==> flow/design.v <==
module my_selector_p #(
    parameter int DW = 12,
    parameter int NIN = 12
) (
    input  logic CLK,
    input  logic [NIN*DW-1:0] val_i,
    input  logic [NIN-1:0] pick_i,
    output logic [DW-1:0] y_o
);
    logic [NIN*DW-1:0] val_ff;
    always_ff @(posedge CLK) begin
        val_ff <= val_i;
    end
    logic [NIN-1:0] pick_ff;
    always_ff @(posedge CLK) begin
        pick_ff <= pick_i;
    end
    logic [DW-1:0] tmp;
    always_comb begin
        tmp = '0;
        for (int k = 0; k < NIN; k++)
            tmp = tmp | (val_ff[k*DW +: DW] & {DW{pick_ff[k]}});
    end
    always_ff @(posedge CLK) begin
        y_o <= tmp;
    end
endmodule
# Reports on my_selector_p
# What the tools print for my_selector_p, step after step.
# Line numbers count from 1 in the design file above.
# Operators carry their Yosys type and port widths (W data, S select, Z words).
# Not given: -
# setup
design	my_selector_p
clock_port	CLK
library	sky130hd
lib_corner	tt_025C_1v80

# After elaboration
# Source: Yosys, flattened and elaborated, memories not mapped. Widths are those after wreduce; folded enables and synchronous resets count as part of the registers. Registers that Yosys merges into a memory's read port (data or address) are not register bits. Print and check cells do not count. Equal cells are merged and count once.
# bits
word_cells	26
n_memories	0
latchBits	0
romBits	0
ram_bits	0
clocked_rd_ports_x_width	0
ff_bits	168
# op_classes
bitwise	23
n_cmp	0
mux	0
shift	0
multipliers	0
reduce_and_logical	0
equal	0
n_div	0
add_sub_neg	0
# ops
operator	n
$and A12 B12 Y12	12
$or A12 B12 Y12	11

# Logic depth
# Yosys ltp: most cells in a row. Word level: on the elaborated netlist, between registers, memories and ports. Mapped: between sequential cells and ports; inverters and the memories' decode and read muxes count.
# depth
word_depth	12
abc_area	0
mapped_depth	4

# Synthesis result
# Source: synth_stat.txt of the flow (Yosys; design flattened, memories mapped). It holds for the ABC_AREA given above (unset counts as 0); a run with the other value may have another netlist.
# synth_totals
flip_flops	168
cells	264
seqArea_um2	3363.2
area_um2	4209.0
# types
cell	n
sky130_fd_sc_hd__dfxtp_1	168
sky130_fd_sc_hd__a22o_1	32
sky130_fd_sc_hd__a221oi_1	29
sky130_fd_sc_hd__a221oi_2	7
sky130_fd_sc_hd__buf_6	7
sky130_fd_sc_hd__nand3_1	12
sky130_fd_sc_hd__a22o_2	4
sky130_fd_sc_hd__buf_2	4
sky130_fd_sc_hd__buf_4	1

# Timing after synthesis
# Source: OpenSTA report_checks on the synthesized netlist (no wires, ideal clock, input and output delay 20% of the period each), path of least setup slack; recovery checks are left aside. Register names are those of the netlist, which keeps one name where synthesis merged equal registers.
# synth_path
path_type	flip-flop to flip-flop
start	register pick_ff[5]
end	register y_o[8]
setup_time_ns	0.132
launch_ns	0.000
setup_slack_ns	0.258
path_delay_ns	1.043
arrival_ns	0.911
required_time_ns	1.168
path_stages	5
clock_period_ns	1.3
period_less_setup_slack_ns	1.042
# "path_delay_ns" = arrival - input delay + setup time.
# "path_stages": output pins that drive a net of the path, with the launching flip-flop's if there is one; two outputs of one cell count as two.
# "period_less_setup_slack_ns" is the clock period less the worst setup slack; recovery checks do not enter. This is arithmetic on one report: input and output delays are still those of the set period (20% each).
# The rows between start and end are the longest chain of elaborated cells between them; the timing report does not say that the signal goes this way. Where chains are equally long, one stands for them.
# Each line given opens the expression or statement behind the cell; cells for indexed reads and writes are added by Yosys, which also makes memories of some case tables.
# synth_between
path_cell_list	sky130_fd_sc_hd__dfxtp_1 -> sky130_fd_sc_hd__buf_6 -> sky130_fd_sc_hd__a22o_1 -> sky130_fd_sc_hd__a221oi_1 -> sky130_fd_sc_hd__nand3_1
elab_chain_len	8
# synth_rtl
item	line	text
start, declared	14	logic [NIN-1:0] pick_ff;
start, assigned	16	pick_ff <= pick_i;
$and A12 B12 Y12	22	tmp = tmp | (val_ff[k*DW +: DW] & {DW{pick_ff[k]}});
$or A12 B12 Y12 x7	22
end, assigned	25	y_o <= tmp;
end, declared	8	output logic [DW-1:0] y_o

# Worst path after layout
# From the final timing report of job 1: the path of least setup slack in the routed layout; clock arrival at registers is part of the times.
# layout_path
path_type	flip-flop to flip-flop
start	register pick_ff[3]
end	register y_o[3]
path_stages	5
setup_slack_ns	0.03
required_time_ns	1.55
arrival_ns	1.52
setup_time_ns	0.13
launch_ns	0.42
clock_period_ns	1.27
# The rows between start and end are the longest chain of elaborated cells between them; the timing report does not say that the signal goes this way. Where chains are equally long, one stands for them.
# layout_between
path_cell_list	sky130_fd_sc_hd__dfxtp_4 -> sky130_fd_sc_hd__buf_12 -> sky130_fd_sc_hd__a22o_1 -> sky130_fd_sc_hd__a221oi_2 -> sky130_fd_sc_hd__nand3_1
elab_chain_len	10
# layout_rtl
item	line	text
start, declared	14	logic [NIN-1:0] pick_ff;
start, assigned	16	pick_ff <= pick_i;
$and A12 B12 Y12	22	tmp = tmp | (val_ff[k*DW +: DW] & {DW{pick_ff[k]}});
$or A12 B12 Y12 x9	22
end, assigned	25	y_o <= tmp;
end, declared	8	output logic [DW-1:0] y_o

# Settings and measured results of 3 stored flow runs for module my_selector_p (sky130hd), not sorted in any way. The constraints put input and output delay at 20% of the set period each and load the outputs with 0.01 pF.
# "timing.achieved_period_ns" is the run's clock period less its worst setup slack. It is reckoned from that one timing run; input and output delays stay at 20% of the period that was set.
# "totalPower_uw" is the tool's figure for a default switching activity; nothing was simulated.
# Among the settings, n/a means not set for that run.
stored run	period_ns	CORE_UTILIZATION	SETUP_SLACK_MARGIN	PLACE_DENSITY	CORE_ASPECT_RATIO	CELL_PAD_IN_SITES_GLOBAL_PLACEMENT	CELL_PAD_IN_SITES_DETAIL_PLACEMENT	GPL_TIMING_DRIVEN	CAP_MARGIN	SLEW_MARGIN	MIN_ROUTING_LAYER	MAX_ROUTING_LAYER	CORE_MARGIN	PLACE_DENSITY_LB_ADDON	ABC_AREA	synth_chip_area_um2	die_um2	cell_area_final_um2	finish.utilization_frac	fin_ws_ns	total_negative_slack_ns	fin_hold_ws_ns	totalPower_uw	timing.achieved_period_ns
job 1	1.27	19	0.15	0.75	1.42	3	2	0	15	20	met2	met4	2	n/a	n/a	4209.0	23377.3	7084.3	0.328	0.035	0.000	0.266	11642	1.235
job 2	1.3	40	n/a	n/a	n/a	n/a	n/a	n/a	20	20	n/a	n/a	2	n/a	n/a	4209.0	11359.3	6611.3	0.643	0.055	0.000	0.178	11176	1.245
job 3	1.34	23	-0.02	n/a	0.95	n/a	2	1	30	20	n/a	met4	9	0.02	0	4209.0	23495.0	6816.5	0.385	0.036	0.000	0.283	10957	1.304
